==> flow/design.v <==
module gen_mem_rtl (sys_clk, i_rst_n, i_wr_en, i_wa, i_d, i_rd_addr, o_dout);
    parameter ENTRIES = 48;
    parameter WD = 16;
    parameter NR = 1;
    parameter NUM_WR = 2;
    localparam AW = $clog2(ENTRIES);
    input sys_clk;
    input i_rst_n;
    input [NUM_WR-1:0] i_wr_en;
    input [NUM_WR*AW-1:0] i_wa;
    input [NUM_WR*WD-1:0] i_d;
    input [NR*AW-1:0] i_rd_addr;
    output [NR*WD-1:0] o_dout;
    reg [NUM_WR-1:0] r_wr_en;
    reg [NUM_WR*AW-1:0] r_wa;
    reg [NUM_WR*WD-1:0] r_d;
    always @(posedge sys_clk or negedge i_rst_n) begin
        if (!i_rst_n) begin
            r_wr_en <= 0;
            r_wa <= 0;
            r_d <= 0;
        end else begin
            r_wr_en <= i_wr_en;
            r_wa <= i_wa;
            r_d <= i_d;
        end
    end
    reg [WD-1:0] store [0:ENTRIES-1];
    integer i;
    always @(posedge sys_clk) begin
        for (i = 0; i < NUM_WR; i = i + 1)
            if (r_wr_en[i]) store[r_wa[i*AW +: AW]] <= r_d[i*WD +: WD];
    end
    reg [NR*AW-1:0] r_rd_addr;
    always @(posedge sys_clk or negedge i_rst_n) begin
        if (!i_rst_n) begin
            r_rd_addr <= 0;
        end else begin
            r_rd_addr <= i_rd_addr;
        end
    end
    wire [NR*WD-1:0] cur;
    genvar m;
    generate
        for (m = 0; m < NR; m = m + 1) begin : gen
            assign cur[m*WD +: WD] = store[r_rd_addr[m*AW +: AW]];
        end
    endgenerate
    assign o_dout = cur;
endmodule
# Tool chain data of gen_mem_rtl
# The steps from the RTL of gen_mem_rtl to its reports follow in flow order.
# Line numbers count from 1 in the design file above.
# Cell names lack the library's common part.
# The mark -- stands for no value.
# setup
top	gen_mem_rtl
clock	sys_clk
cell_library	sky130hd
pvt_corner	tt_025C_1v80

# Word-level counts
# Yosys after proc, flatten, opt, wreduce and memory -nomap, before mapping. Enables and synchronous resets that opt folds into registers are not counted as muxes. Memory bits, and registers merged into a memory's read port (data or address), are not among the register bits. Print and check cells are not counted. Equal cells are merged and count once.
# Memory sizes are those after Yosys's memory passes, which may raise the word count (mostly to a power of two), join words into wider ones and drop unused or constant bits.
# classes
n_mux	6
# ops
operator	n
2-to-1 mux 16 bit	2
2-to-1 mux 6 bit	2
2-to-1 mux 1 bit	2
# bits
mem_count	1
elab_cells	11
ram_bits	768
register_bits	52
output_inout_bits	16
in_bits	54
# memory_table
name	words	width	rd	write_ports	line	text
store	48	16	1	2	28	reg [WD-1:0] store [0:ENTRIES-1];

# Depth
# Yosys ltp: most cells in a row. Word level: on the elaborated netlist, between registers, memories and ports. Mapped: between sequential cells and ports; inverters and the memories' decode and read muxes count.
# depth
depth_word	1
ABC_AREA	0
depth_mapped	9
depth_no_buf	5

# Netlist
# Source: synth_stat.txt of the flow (Yosys; design flattened, memories mapped). It holds for the ABC_AREA given above (unset counts as 0); a run with the other value may have another netlist.
# synth_totals
sequential_area_um2	24363.4
buf_cells	311
ffs	820
mapped_area_um2	41446.0
cells	2598
# by_type
type	n	area_total_um2
edfxtp_1	768	2.31E+04
mux2_2	762	8580.73
mux2i_1	256	2.56E+03
mux4_2	80	1.8E+03
dfrtp_1	52	1.3E+03
clkbuf_1	186	698.17
a22oi_1	64	480.461
buf_2	71	355.341
a221oi_1	32	280.269
a22o_1	32	280.269
o41ai_2	16	260.25
o22ai_1	40	250.24
buf_6	21	236.477
a21oi_1	32	160.154
nor2_2	22	137.632
buf_4	17	127.622
nand2_1	32	120.115
o21ai_0	24	120.115
# Not listed: further types 21, cells in them 91.

# Path before layout
# Source: OpenSTA report_checks on the synthesized netlist (no wires, ideal clock, input and output delay 20% of the period each), path of least setup slack; recovery checks are left aside. Register names are those of the netlist, which keeps one name where synthesis merged equal registers.
# synth_path
kind	register to register
startpoint	register r_wa[3]
endpoint	memory store[20][0]
n_path_buf	1
t_arrival_ps	2220
path_slack_ps	659
stages	4
period_ps	3290
path_delay_ps	2631
required_time_ps	2879
setup_ps	411
t_first_pin_ps	0
period_less_setup_slack_ps	2631
# "path_delay_ps" = arrival - input delay + setup time.
# "stages": output pins that drive a net of the path, with the launching flip-flop's if there is one; two outputs of one cell count as two.
# "period_less_setup_slack_ps" is the clock period less the worst setup slack; recovery checks do not enter. This is arithmetic on one report: input and output delays are still those of the set period (20% each).
# The rows between start and end are the longest chain of elaborated cells between them; the timing report does not say that the signal goes this way. Where chains are equally long, one stands for them.
# A line is the first line of the expression or statement that the cell stems from. Yosys adds cells for indexed reads and writes and turns some case tables into memories.
# synth_via
cell_sequence	dfrtp_1 > or3b_2 > clkbuf_1 > o21ai_0
elab_chain_len	1
cone_cells	1
cone_lines	1
cone_classes	1 x mux
# synth_rtl
item	line	text
start, declared	15	reg [NUM_WR*AW-1:0] r_wa;
start, assigned	20	r_wa <= 0;
start, assigned	24	r_wa <= i_wa;
2-to-1 mux 6 bit	32	if (r_wr_en[i]) store[r_wa[i*AW +: AW]] <= r_d[i*WD +: WD];
end, declared	28	reg [WD-1:0] store [0:ENTRIES-1];

# Worst path after layout
# From the final timing report of run 2: the path of least setup slack in the routed layout; clock arrival at registers is part of the times.
# The report prints the path's times to 10 ps; the period is as set.
# layout_path
kind	register to output
startpoint	register r_rd_addr[0]
endpoint	output port o_dout[8]
n_path_buf	6
output_delay_ps	660
t_first_pin_ps	650
required_time_ps	2630
period_ps	3290
path_slack_ps	-660
stages	11
t_arrival_ps	3300
# The rows between start and end are the longest chain of elaborated cells between them; the timing report does not say that the signal goes this way. Where chains are equally long, one stands for them.
# A memory read counts as a cell of the chain, while the word-level depth stops at memories.
# layout_via
cell_sequence	dfrtp_4 > buf_12 > buf_12 > buf_16 > buf_4 > mux4_2 > mux4_2 > nand2_2 > o41ai_2 > buf_4 > buf_2
elab_chain_len	1
cone_cells	1
cone_lines	1
cone_classes	1 x memory
# layout_rtl
item	line	text
start, declared	34	reg [NR*AW-1:0] r_rd_addr;
start, assigned	37	r_rd_addr <= 0;
start, assigned	39	r_rd_addr <= i_rd_addr;
memory (48 x 16 bit)	28	reg [WD-1:0] store [0:ENTRIES-1];
end, declared	13	output [NR*WD-1:0] o_dout;

Settings and measured results of 3 stored flow runs for module gen_mem_rtl (sky130hd), not sorted in any way. The constraints put input and output delay at 20% of the set period each and load the outputs with 0.01 pF.
"period_reached_ps" = clock period - worst setup slack. The figure is calculated, with input and output delays left at 20% of the set period.
"power_total_uw" is the tool's figure for a default switching activity; nothing was simulated.

Run 1, flow files:
==> flow/run.sh <==
#!/bin/bash
# the make line also repeats the synthesis and layout settings of config.mk as NAME=value (left out here)
make -C /OpenROAD-flow-scripts/flow DESIGN_CONFIG=/design/flow/config.mk WORK_HOME=/design/flow/orfs CLKGATE_MAP_FILE= finish
==> flow/config.mk <==
export PLATFORM = sky130hd
export DESIGN_NAME = gen_mem_rtl
export DESIGN_NICKNAME = gen_mem_rtl
export VERILOG_FILES = /design/flow/design.v
export SDC_FILE = /design/flow/constraint.sdc
export NUM_CORES = 4
export LEC_CHECK = 0
export CAP_MARGIN = 20
export CELL_PAD_IN_SITES_DETAIL_PLACEMENT = 2
export CELL_PAD_IN_SITES_GLOBAL_PLACEMENT = 2
export CORE_MARGIN = 6
export CORE_UTILIZATION = 50
export GPL_ROUTABILITY_DRIVEN = 0
export MIN_ROUTING_LAYER = met2
export PLACE_DENSITY_LB_ADDON = 0.16
export SETUP_SLACK_MARGIN = 0.35
export SLEW_MARGIN = 20
==> flow/constraint.sdc <==
create_clock -name core_clock -period 1.81 [get_ports {sys_clk}]
set_input_delay 0.3620 -clock core_clock [delete_from_list [all_inputs] [get_ports {sys_clk}]]
set_output_delay 0.3620 -clock core_clock [all_outputs]
set_load 0.01 [all_outputs]

Run 1: did not finish, clock tree synthesis stopped with DPL-0033

Run 2, flow files:
==> flow/run.sh <==
#!/bin/bash
# the make line also repeats the synthesis and layout settings of config.mk as NAME=value (left out here)
make -C /OpenROAD-flow-scripts/flow DESIGN_CONFIG=/design/flow/config.mk WORK_HOME=/design/flow/orfs CLKGATE_MAP_FILE= finish
==> flow/config.mk <==
export PLATFORM = sky130hd
export DESIGN_NAME = gen_mem_rtl
export DESIGN_NICKNAME = gen_mem_rtl
export VERILOG_FILES = /design/flow/design.v
export SDC_FILE = /design/flow/constraint.sdc
export NUM_CORES = 4
export LEC_CHECK = 0
export CAP_MARGIN = 20
export CORE_MARGIN = 2
export CORE_UTILIZATION = 40
export SLEW_MARGIN = 20
==> flow/constraint.sdc <==
create_clock -name core_clock -period 3.29 [get_ports {sys_clk}]
set_input_delay 0.6580 -clock core_clock [delete_from_list [all_inputs] [get_ports {sys_clk}]]
set_output_delay 0.6580 -clock core_clock [all_outputs]
set_load 0.01 [all_outputs]

==> results of run 2, as CSV <==
result,value
synthArea_um2,41446.0
die_footprint_um2,106204.0
finish.utilization_pct,47.2
timing.setup.ws_ps,-663
tns_ps,-9369
power_total_uw,24012
period_reached_ps,3953

Run 3, flow files:
==> flow/run.sh <==
#!/bin/bash
# the make line also repeats the synthesis and layout settings of config.mk as NAME=value (left out here)
make -C /OpenROAD-flow-scripts/flow DESIGN_CONFIG=/design/flow/config.mk WORK_HOME=/design/flow/orfs CLKGATE_MAP_FILE= finish
==> flow/config.mk <==
export PLATFORM = sky130hd
export DESIGN_NAME = gen_mem_rtl
export DESIGN_NICKNAME = gen_mem_rtl
export VERILOG_FILES = /design/flow/design.v
export SDC_FILE = /design/flow/constraint.sdc
export NUM_CORES = 4
export LEC_CHECK = 0
export ABC_AREA = 1
export CAP_MARGIN = 20
export CELL_PAD_IN_SITES_DETAIL_PLACEMENT = 0
export CELL_PAD_IN_SITES_GLOBAL_PLACEMENT = 2
export CORE_MARGIN = 2
export CORE_UTILIZATION = 57
export CTS_CLUSTER_SIZE = 12
export MAX_ROUTING_LAYER = met4
export PLACE_DENSITY = 0.7
export SLEW_MARGIN = 5
==> flow/constraint.sdc <==
create_clock -name core_clock -period 2.59 [get_ports {sys_clk}]
set_input_delay 0.5180 -clock core_clock [delete_from_list [all_inputs] [get_ports {sys_clk}]]
set_output_delay 0.5180 -clock core_clock [all_outputs]
set_load 0.01 [all_outputs]

Run 3: did not finish, placement stopped with GPL-0301
